==> flow/design.v <==
module mult #(
  parameter WD = 8,
  parameter WAYS = 3,
  parameter RES_W = 2*WD + $clog2(WAYS)
) (
  input wire aclk,
  input wire rst_n,
  input wire [WAYS*WD-1:0] rs1,
  input wire [WAYS*WD-1:0] rs2,
  output reg [RES_W-1:0] out
);
  reg [WAYS*WD-1:0] rs1_s;
  always @(posedge aclk or negedge rst_n) begin
    if (!rst_n) begin
      rs1_s <= 0;
    end else begin
      rs1_s <= rs1;
    end
  end
  reg [WAYS*WD-1:0] rs2_s;
  always @(posedge aclk or negedge rst_n) begin
    if (!rst_n) begin
      rs2_s <= 0;
    end else begin
      rs2_s <= rs2;
    end
  end
  reg [RES_W-1:0] t;
  integer idx;
  always @(*) begin
    t = 0;
    for (idx = 0; idx < WAYS; idx = idx + 1)
      t = t + rs1_s[idx*WD +: WD] * rs2_s[idx*WD +: WD];
  end
  always @(posedge aclk or negedge rst_n) begin
    if (!rst_n) begin
      out <= 0;
    end else begin
      out <= t;
    end
  end
endmodule
Hand-over note for mult

== Tool chain data of mult ==
Module mult in several versions that differ in "WAYS"; each step lists the members.
The file above is the member WAYS = 3. Line numbers count from 1 in each member's own file.
Operators: Yosys type, input widths -> output width; for muxes data width and select width s.
Library cell names are shortened.
The mark n/a stands for no value.
Set-up
  top: mult
  clock input: aclk
  library: sky130hd
  timing corner: tt_025C_1v80

== Source of the members ==
New or changed lines of each further member against the RTL above, in its own file; lines it lacks are not shown.
Lines new or changed
  WAYS 4: RTL line 3  | parameter WAYS = 4,
  WAYS 6: RTL line 3  | parameter WAYS = 6,
  WAYS 7: RTL line 3  | parameter WAYS = 7,
  WAYS 12: RTL line 3  | parameter WAYS = 12,

== After elaboration ==
Yosys after proc, flatten, opt, wreduce and memory -nomap, before mapping. Enables and synchronous resets that opt folds into registers are not counted as muxes. Memory bits, and registers merged into a memory's read port (data or address), are not among the register bits. Print and check cells are not counted. Equal cells are merged and count once.
Operators by class
  WAYS 3: add/sub/neg operators 2, $mul 3
  WAYS 4: add/sub/neg operators 3, $mul 4
  WAYS 6: add/sub/neg operators 5, $mul 6
  WAYS 7: add/sub/neg operators 6, $mul 7
  WAYS 12: add/sub/neg operators 11, $mul 12
Operators by type and width (kind and count)
  WAYS 3: 3 x $mul 8x8->16; 1 x $add 17x16->18; 1 x $add 16x16->17
  WAYS 4: 4 x $mul 8x8->16; 1 x $add 17x16->18; 1 x $add 18x16->18; 1 x $add 16x16->17
  WAYS 6: 6 x $mul 8x8->16; 2 x $add 19x16->19; 1 x $add 18x16->19; 1 x $add 17x16->18; 1 x $add 16x16->17
  WAYS 7: 7 x $mul 8x8->16; 3 x $add 19x16->19; 1 x $add 18x16->19; 1 x $add 17x16->18; 1 x $add 16x16->17
  WAYS 12: 12 x $mul 8x8->16; 7 x $add 20x16->20; 1 x $add 19x16->20; 1 x $add 18x16->19; 1 x $add 17x16->18; 1 x $add 16x16->17
Storage and ports
  WAYS 3: flip-flop bits (word level) 66, input port bits 50, output and inout port bits 18, word-level cells 8
  WAYS 4: flip-flop bits (word level) 82, input port bits 66, output and inout port bits 18, word-level cells 10
  WAYS 6: flip-flop bits (word level) 115, input port bits 98, output and inout port bits 19, word-level cells 14
  WAYS 7: flip-flop bits (word level) 131, input port bits 114, output and inout port bits 19, word-level cells 16
  WAYS 12: flip-flop bits (word level) 212, input port bits 194, output and inout port bits 20, word-level cells 26

== Depth ==
Yosys ltp: most cells in a row. Word level: on the elaborated netlist, between registers, memories and ports. Mapped: between sequential cells and ports; inverters and the memories' decode and read muxes count.
Logic depth
  WAYS 3: depth in word-level cells 3, ABC_AREA 0, mapped depth 22, gate-level depth less buffers 21
  WAYS 4: depth in word-level cells 4, ABC_AREA 0, mapped depth 23, gate-level depth less buffers 23
  WAYS 6: depth in word-level cells 6, ABC_AREA 0, mapped depth 27, gate-level depth less buffers 26
  WAYS 7: depth in word-level cells 7, ABC_AREA 0, mapped depth 26, gate-level depth less buffers 26
  WAYS 12: depth in word-level cells 12, ABC_AREA 0, mapped depth 27, gate-level depth less buffers 27

== Netlist ==
Source: synth_stat.txt of the flow (Yosys; design flattened, memories mapped). It holds for the ABC_AREA given above (unset counts as 0); a run with the other value may have another netlist.
Synthesis totals
  WAYS 3: cells in the netlist 817, synthesis area 8453.1 um^2, area of sequential cells 1651.6 um^2, mapped flip-flops 66, buffer cells 1
  WAYS 4: cells in the netlist 1066, synthesis area 11182.0 um^2, area of sequential cells 2052.0 um^2, mapped flip-flops 82, buffer cells 1
  WAYS 6: cells in the netlist 1548, synthesis area 16427.0 um^2, area of sequential cells 2877.8 um^2, mapped flip-flops 115, buffer cells 2
  WAYS 7: cells in the netlist 1814, synthesis area 19010.7 um^2, area of sequential cells 3278.1 um^2, mapped flip-flops 131, buffer cells 2
  WAYS 12: cells in the netlist 3051, synthesis area 32545.0 um^2, area of sequential cells 5305.1 um^2, mapped flip-flops 212, buffer cells 6
Cell types (types with counts)
  WAYS 3: 161 x fa_1; 66 x dfrtp_1; 99 x ha_1; 229 x inv_1; 124 x and2_1; 74 x nand2_1; 8 x xnor2_1; 11 x a21oi_1; 4 x xor2_1; 3 x a21oi_2; 7 x nor2_1; 5 x o21ai_0; 3 x a21o_1; 3 x nand2b_1; 1 x o41ai_2; 2 x o211ai_1; 2 x a31oi_1; 2 x nand4_1; (+13)
  WAYS 4: 224 x fa_1; 82 x dfrtp_1; 129 x ha_1; 299 x inv_1; 174 x and2_1; 90 x nand2_1; 9 x xnor2_1; 14 x a21oi_1; 5 x xor2_1; 5 x a21o_1; 1 x a31oi_4; 3 x and3_1; 3 x nand2b_1; 3 x nor2b_1; 1 x o22a_4; 4 x nor2_1; 2 x o211ai_1; 3 x o21ai_0; (+15)
  WAYS 6: 351 x fa_1; 115 x dfrtp_1; 180 x ha_1; 268 x and2_1; 447 x inv_1; 125 x nand2_1; 11 x xnor2_1; 6 x a21o_1; 9 x a21oi_1; 4 x xor2_1; 7 x nor2_1; 1 x a41oi_2; 2 x o21a_1; 3 x o21ai_1; 2 x o21bai_1; 1 x a211oi_2; 2 x a31oi_1; 2 x nand4_1; (+12)
  WAYS 7: 414 x fa_1; 131 x dfrtp_1; 198 x ha_1; 529 x inv_1; 290 x and2_1; 169 x nand2_1; 10 x xnor2_1; 15 x a21oi_1; 5 x xor2_1; 6 x nand3_1; 6 x o21ai_1; 7 x nor2_1; 2 x a211oi_2; 5 x o21ai_0; 3 x a211oi_1; 3 x o21bai_1; 3 x nor2b_1; 2 x a41oi_1; (+16)
  WAYS 12: 734 x fa_1; 212 x dfrtp_1; 344 x ha_1; 537 x and2_1; 884 x inv_1; 246 x nand2_1; 11 x xnor2_1; 14 x a21oi_1; 6 x a21o_1; 7 x nand3_1; 9 x nor2_1; 6 x o21ai_0; 3 x xor2_1; 2 x a211oi_2; 4 x buf_2; 1 x o211a_4; 1 x a21oi_4; 2 x o211ai_1; (+28)
The mark (+n) counts cells that are not listed.

== Path before layout ==
OpenSTA on the mapped netlist: ideal clock, no wires. The path of least setup slack (recovery checks aside). Input and output delay are each 20% of the period. Register names are those of the netlist, which keeps one name where synthesis merged equal registers.
Timing post-synthesis
  WAYS 3: path type flip-flop to flip-flop, start point register rs1_s[6], end point register out[10], clock period 6.91 ns, setup slack 1.382 ns, stages 19, delay of the path 5.528 ns, period reached after synthesis 5.528 ns
  WAYS 4: path type flip-flop to flip-flop, start point register rs2_s[27], end point register out[15], clock period 7.47 ns, setup slack 1.498 ns, stages 17, delay of the path 5.972 ns, period reached after synthesis 5.972 ns
  WAYS 6: path type flip-flop to flip-flop, start point register rs1_s[43], end point register out[15], clock period 8.28 ns, setup slack 1.658 ns, stages 22, delay of the path 6.622 ns, period reached after synthesis 6.622 ns
  WAYS 7: path type flip-flop to flip-flop, start point register rs2_s[5], end point register out[15], clock period 8.59 ns, setup slack 1.719 ns, stages 24, delay of the path 6.871 ns, period reached after synthesis 6.871 ns
  WAYS 12: path type flip-flop to flip-flop, start point register rs1_s[85], end point register out[18], clock period 9.68 ns, setup slack 1.939 ns, stages 25, delay of the path 7.740 ns, period reached after synthesis 7.741 ns
"delay of the path" is the arrival time less input delay plus setup time.
"stages": output pins that drive a net of the path, with the launching flip-flop's if there is one; two outputs of one cell count as two.
"period reached after synthesis" = period - worst setup slack (recovery checks aside). The figure is calculated, with input and output delays left at 20% of the set period.
Between the ends stands the longest chain of elaborated cells between them, by number of cells; it is not shown to be the way that was timed. Of several equally long chains one is given.
A line is the first line of the expression or statement that the cell stems from. Yosys adds cells for indexed reads and writes and turns some case tables into memories.
On the way, post-synthesis, WAYS = 3
  cells in the longest elaborated chain: 3
Ends and longest elaborated chain, post-synthesis, WAYS = 3
  start: declaration: RTL line 12  | reg [WAYS*WD-1:0] rs1_s;
  start: assignment: RTL line 15  | rs1_s <= 0;
  start: assignment: RTL line 17  | rs1_s <= rs1;
  $mul 8x8->16: RTL line 33  | t = t + rs1_s[idx*WD +: WD] * rs2_s[idx*WD +: WD];
  $add 16x16->17: RTL line 33
  $add 17x16->18: RTL line 33
  end: assignment: RTL line 37  | out <= 0;
  end: assignment: RTL line 39  | out <= t;
  end: declaration: RTL line 10  | output reg [RES_W-1:0] out
On the way, post-synthesis, WAYS = 12
  cells in the longest elaborated chain: 3
Ends and longest elaborated chain, post-synthesis, WAYS = 12
  start: declaration: RTL line 12  | reg [WAYS*WD-1:0] rs1_s;
  start: assignment: RTL line 15  | rs1_s <= 0;
  start: assignment: RTL line 17  | rs1_s <= rs1;
  $mul 8x8->16: RTL line 33  | t = t + rs1_s[idx*WD +: WD] * rs2_s[idx*WD +: WD];
  $add 20x16->20 x2: RTL line 33
  end: assignment: RTL line 37  | out <= 0;
  end: assignment: RTL line 39  | out <= t;
  end: declaration: RTL line 10  | output reg [RES_W-1:0] out

== Path in the finished layout ==
From the final timing report of each member's run: the path of least setup slack in the routed layout; clock arrival at registers is part of the times.
Timing after layout
  WAYS 3: path type flip-flop to flip-flop, start point register rs1_s[7], end point register out[17], clock period 6.91 ns, setup slack 0.94 ns, stages 19, arrival 6.20 ns, buffers on the path 0
  WAYS 4: path type flip-flop to flip-flop, start point register rs2_s[27], end point register out[13], clock period 7.47 ns, setup slack 1.17 ns, stages 18, arrival 6.59 ns, buffers on the path 0
  WAYS 6: path type flip-flop to flip-flop, start point register rs1_s[34], end point register out[15], clock period 8.28 ns, setup slack 1.09 ns, stages 24, arrival 7.58 ns, buffers on the path 0
  WAYS 7: path type flip-flop to flip-flop, start point register rs2_s[2], end point register out[15], clock period 8.59 ns, setup slack 1.28 ns, stages 25, arrival 7.70 ns, buffers on the path 0
  WAYS 12: path type flip-flop to flip-flop, start point register rs1_s[87], end point register out[18], clock period 9.68 ns, setup slack 1.48 ns, stages 25, arrival 8.66 ns, buffers on the path 0

== Flow runs ==
Settings and results of one run of the flow (Yosys, OpenROAD) for each member follow. The constraints put input and output delay at 20% of the set period each and load the outputs with 0.01 pF.
Flow settings
  CAP_MARGIN: 20
  CORE_MARGIN: 2
  CORE_UTILIZATION: 40
  SLEW_MARGIN: 20
Settings that differ (period_ns)
  WAYS 3: 6.91
  WAYS 4: 7.47
  WAYS 6: 8.28
  WAYS 7: 8.59
  WAYS 12: 9.68
Final reports
  WAYS 3: netlist area reported by Yosys 8453.1 um^2, die area 22311.4 um^2, standard-cell area of the final layout 9745.6 um^2, utilization in the final report 0.467, setup slack of the critical path 0.939 ns, summed negative setup slack 0.000 ns, worst hold slack 0.823 ns, achieved clock period 5.971 ns
  WAYS 4: netlist area reported by Yosys 11182.0 um^2, die area 29307.7 um^2, standard-cell area of the final layout 12771.0 um^2, utilization in the final report 0.462, setup slack of the critical path 1.166 ns, summed negative setup slack 0.000 ns, worst hold slack 0.851 ns, achieved clock period 6.304 ns
  WAYS 6: netlist area reported by Yosys 16427.0 um^2, die area 42704.2 um^2, standard-cell area of the final layout 18804.3 um^2, utilization in the final report 0.463, setup slack of the critical path 1.094 ns, summed negative setup slack 0.000 ns, worst hold slack 0.949 ns, achieved clock period 7.186 ns
  WAYS 7: netlist area reported by Yosys 19010.7 um^2, die area 49286.2 um^2, standard-cell area of the final layout 21698.3 um^2, utilization in the final report 0.464, setup slack of the critical path 1.279 ns, summed negative setup slack 0.000 ns, worst hold slack 0.809 ns, achieved clock period 7.311 ns
  WAYS 12: netlist area reported by Yosys 32545.0 um^2, die area 83659.8 um^2, standard-cell area of the final layout 36964.2 um^2, utilization in the final report 0.459, setup slack of the critical path 1.485 ns, summed negative setup slack 0.000 ns, worst hold slack 1.050 ns, achieved clock period 8.195 ns
"achieved clock period" is the run's clock period less its worst setup slack. It is reckoned from that one timing run; input and output delays stay at 20% of the period that was set.

End of note.
